==> flow/design.v <==
module gen_mag_cmp #(
    parameter int DATA_W = 4,
    parameter int COUNT = 7
) (
    input logic clk,
    input logic aresetn,
    input logic [COUNT*DATA_W-1:0] src,
    output logic [DATA_W-1:0] hi
);
    logic [COUNT*DATA_W-1:0] src_ff;
    always_ff @(posedge clk or negedge aresetn) begin
        if (!aresetn) begin
            src_ff <= '0;
        end else begin
            src_ff <= src;
        end
    end
    wire [DATA_W-1:0] tree [1:2*COUNT-1];
    for (genvar g = 0; g < COUNT; g++) begin : g_bit
        assign tree[COUNT+g] = src_ff[g*DATA_W +: DATA_W];
    end
    for (genvar g = 1; g < COUNT; g++) begin : u_g
        assign tree[g] = (tree[2*g] > tree[2*g+1]) ? tree[2*g] : tree[2*g+1];
    end
    logic [DATA_W-1:0] hi_ff;
    always_ff @(posedge clk or negedge aresetn) begin
        if (!aresetn) begin
            hi_ff <= '0;
        end else begin
            hi_ff <= tree[1];
        end
    end
    assign hi = hi_ff;
endmodule
# Step by step through the tools: gen_mag_cmp
# The steps from the RTL of gen_mag_cmp to its reports follow in flow order.
# Lines are those of the file above, counted from 1.
# Cell names lack the library's common part.
# A cell with -- has no value.
dict set report inputs {
  design {gen_mag_cmp}
  clock {clk}
  cell_library {sky130hd}
  pvt_corner {tt_025C_1v80}
}

# Elaborated design
# Yosys after proc, flatten, opt, wreduce and memory -nomap, before mapping. Enables and synchronous resets that opt folds into registers are not counted as muxes. Print and check cells are not counted. Equal cells are merged and count once.
dict set report op_classes {
  n_cmp 6
  muxes 6
}
# cell count
set ops {}
lappend ops {{greater-than comparator 4 bit} 6}
lappend ops {{2-to-1 mux 4 bit} 6}
dict set report bits {
  ff_bits 32
  out_inout_bits 4
  word_cells 14
}

# Logic depth
# Yosys ltp: most cells in a row. Word level: on the elaborated netlist, between registers, memories and ports. Mapped: between sequential cells and ports; inverters and the memories' decode and read muxes count.
dict set report depth {
  ltp_word 6
  ABC_AREA 0
  mapped_depth 25
  mapped_depth_nobuf 23
}

# Netlist
# Yosys stat after the flow's synthesis: flattened, memories mapped to cells. It holds for the ABC_AREA given above (unset counts as 0); a run with the other value may have another netlist.
# cell count area_total_um2
set types {}
lappend types {dfrtp_1 32 800.768}
lappend types {ha_1 23 287.776}
lappend types {inv_1 19 71.318}
lappend types {mux2_2 5 56.304}
lappend types {o21a_1 7 52.55}
lappend types {mux2i_1 5 50.048}
lappend types {o311ai_2 3 48.797}
lappend types {o21ai_0 9 45.043}
lappend types {a21oi_1 8 40.038}
lappend types {o211ai_1 5 37.536}
lappend types {nor2_1 9 33.782}
lappend types {o31ai_1 4 30.029}
lappend types {nor2b_1 4 25.024}
lappend types {nand2_1 5 18.768}
lappend types {nand2b_1 3 18.768}
lappend types {nand4_1 3 18.768}
lappend types {a21oi_4 1 16.266}
lappend types {mux2_4 1 15.014}
# Not listed: further types 14, cells in them 15.
dict set report mapped {
  stdcells 161
  area_um2 1790.5
  seq_area_um2 800.8
  ff_cells 32
  buffers 3
}

# Path before layout
# OpenSTA on the mapped netlist: ideal clock, no wires. The path of least setup slack (recovery checks aside). Input and output delay are each 20% of the period. Register names are those of the netlist, which keeps one name where synthesis merged equal registers.
dict set report synth_path {
  path_type {register to register}
  from {register src_ff[21]}
  to {register hi_ff[2]}
  period_ns 5.92
  setup_ns 0.145
  t_first_pin_ns 0.000
  arrival_time_ns 4.594
  required_ns 5.775
  slack_ns 1.182
  path_delay_ns 4.739
  stages 24
  period_less_setup_slack_ns 4.738
}
# "path_delay_ns" = arrival - input delay + setup time.
# "stages" counts driving pins, that of a launching flip-flop among them; a cell with two outputs on the path counts twice.
# "period_less_setup_slack_ns" is the clock period less the worst setup slack; recovery checks do not enter. This is arithmetic on one report: input and output delays are still those of the set period (20% each).
# Between the ends stands the longest chain of elaborated cells between them, by number of cells; it is not shown to be the way that was timed. Of several equally long chains one is given.
# A line is the first line of the expression or statement that the cell stems from. Yosys adds cells for indexed reads and writes and turns some case tables into memories.
dict set report synth_between {
  cell_sequence {dfrtp_1 -> ha_1 -> nor2b_1 -> o21a_1 -> o21a_1 -> o21ai_0 -> mux2_2 -> ha_1 -> nor2b_1 -> o21a_1 -> o21a_1 -> o21ai_0 -> clkbuf_1 -> nand2_1 -> o21ai_0 -> ha_1 -> nor2b_1 -> o21a_1 -> o21a_1 -> o21ai_0 -> clkbuf_1 -> nor2_1 -> o31ai_1 -> o311ai_2}
  elab_chain_cells 6
  cone_cells 6
}
# item line_no
set synth_lines {}
lappend synth_lines {{start, declared} 10} ;# logic [COUNT*DATA_W-1:0] src_ff;
lappend synth_lines {{start, assigned} 13} ;# src_ff <= '0;
lappend synth_lines {{start, assigned} 15} ;# src_ff <= src;
lappend synth_lines {{greater-than comparator 4 bit} 23} ;# assign tree[g] = (tree[2*g] > tree[2*g+1]) ? tree[2*g] : tree[2*g+1];
lappend synth_lines {{2-to-1 mux 4 bit} 23}
lappend synth_lines {{greater-than comparator 4 bit} 23}
lappend synth_lines {{2-to-1 mux 4 bit} 23}
lappend synth_lines {{greater-than comparator 4 bit} 23}
lappend synth_lines {{2-to-1 mux 4 bit} 23}
lappend synth_lines {{end, assigned} 28} ;# hi_ff <= '0;
lappend synth_lines {{end, assigned} 30} ;# hi_ff <= tree[1];
lappend synth_lines {{end, declared} 25} ;# logic [DATA_W-1:0] hi_ff;

# Worst path after layout
# Path of least setup slack in the final report of run 1 (OpenROAD, finished layout, wires in). Where an end is a register, its clock arrival counts in the times.
dict set report layout_path {
  path_type {register to register}
  from {register src_ff[21]}
  to {register hi_ff[3]}
  period_ns 8.89
  setup_ns 0.14
  t_first_pin_ns 0.27
  arrival_time_ns 5.77
  required_ns 9.02
  slack_ns 3.25
  stages 22
}
# Between the ends stands the longest chain of elaborated cells between them, by number of cells; it is not shown to be the way that was timed. Of several equally long chains one is given.
dict set report layout_between {
  cell_sequence {dfrtp_1 -> ha_1 -> nor2b_1 -> o21a_1 -> o21a_1 -> o21ai_0 -> mux2_2 -> ha_1 -> nor2b_1 -> o21a_1 -> o21a_1 -> o21ai_0 -> o21ai_0 -> ha_1 -> nor2b_1 -> o21a_1 -> o21a_1 -> o21ai_0 -> clkbuf_4 -> nor2_1 -> o31ai_1 -> o311ai_2}
  elab_chain_cells 6
  cone_cells 6
}
# item line_no
set layout_lines {}
lappend layout_lines {{start, declared} 10} ;# logic [COUNT*DATA_W-1:0] src_ff;
lappend layout_lines {{start, assigned} 13} ;# src_ff <= '0;
lappend layout_lines {{start, assigned} 15} ;# src_ff <= src;
lappend layout_lines {{greater-than comparator 4 bit} 23} ;# assign tree[g] = (tree[2*g] > tree[2*g+1]) ? tree[2*g] : tree[2*g+1];
lappend layout_lines {{2-to-1 mux 4 bit} 23}
lappend layout_lines {{greater-than comparator 4 bit} 23}
lappend layout_lines {{2-to-1 mux 4 bit} 23}
lappend layout_lines {{greater-than comparator 4 bit} 23}
lappend layout_lines {{2-to-1 mux 4 bit} 23}
lappend layout_lines {{end, assigned} 28} ;# hi_ff <= '0;
lappend layout_lines {{end, assigned} 30} ;# hi_ff <= tree[1];
lappend layout_lines {{end, declared} 25} ;# logic [DATA_W-1:0] hi_ff;

# Design gen_mag_cmp on sky130hd. What follows are 3 stored runs of the flow, each under its own settings; their order means nothing. The constraints put input and output delay at 20% of the set period each and load the outputs with 0.01 pF.
# By "period_less_ws_ns" is meant the clock period of the run minus its worst setup slack. This is arithmetic on one report: input and output delays are still those of the set period (20% each).
# By "worst_path_allowed_less_slack_ns" is meant the share of the clock period that the worst setup path is allowed (20% is reserved at inputs, 20% at outputs), minus its slack. Clock arrival times at its registers enter into it.
# "power.total_mw" rests on the timing tool's default activity at the inputs, not on a simulated workload.
run="run 1" settings period_ns=8.89 CORE_UTILIZATION=15 PLACE_DENSITY=0.87 CORE_ASPECT_RATIO=0.83 CORE_MARGIN=5 CELL_PAD_IN_SITES_GLOBAL_PLACEMENT=0 GPL_ROUTABILITY_DRIVEN=1 CTS_CLUSTER_SIZE=55 SLEW_MARGIN=0 MIN_ROUTING_LAYER="met2" CAP_MARGIN=20
run="run 1" results hold_worst_slack_ns=0.662 power.total_mw=0.5580 finalCellArea_um2=2489.9 timing.setup.tns_ns=0.000 total_die_area_um2=14230.8 finalUtil_pct=21.3 period_less_ws_ns=5.638 worst_path_allowed_less_slack_ns=5.64 worst_setup_path_type="register to register" ws_setup_ns=3.252 synthArea_um2=1790.5
run="run 2" settings period_ns=3.78 CORE_UTILIZATION=46 PLACE_DENSITY_LB_ADDON=0.29 CELL_PAD_IN_SITES_DETAIL_PLACEMENT=1 ABC_AREA=0 GPL_TIMING_DRIVEN=1 CTS_CLUSTER_SIZE=96 CTS_CLUSTER_DIAMETER=272 CAP_MARGIN=0 SLEW_MARGIN=30 MIN_ROUTING_LAYER="met2" CORE_MARGIN=2
run="run 2" outcome="no results, routing failed with GRT-0232"
run="run 3" settings period_ns=5.92 CAP_MARGIN=20 CORE_MARGIN=2 CORE_UTILIZATION=40 SLEW_MARGIN=20
run="run 3" results hold_worst_slack_ns=0.697 power.total_mw=0.6825 finalCellArea_um2=2278.4 timing.setup.tns_ns=0.000 total_die_area_um2=5027.5 finalUtil_pct=52.7 period_less_ws_ns=4.803 worst_path_allowed_less_slack_ns=4.80 worst_setup_path_type="register to register" ws_setup_ns=1.117 synthArea_um2=1790.5
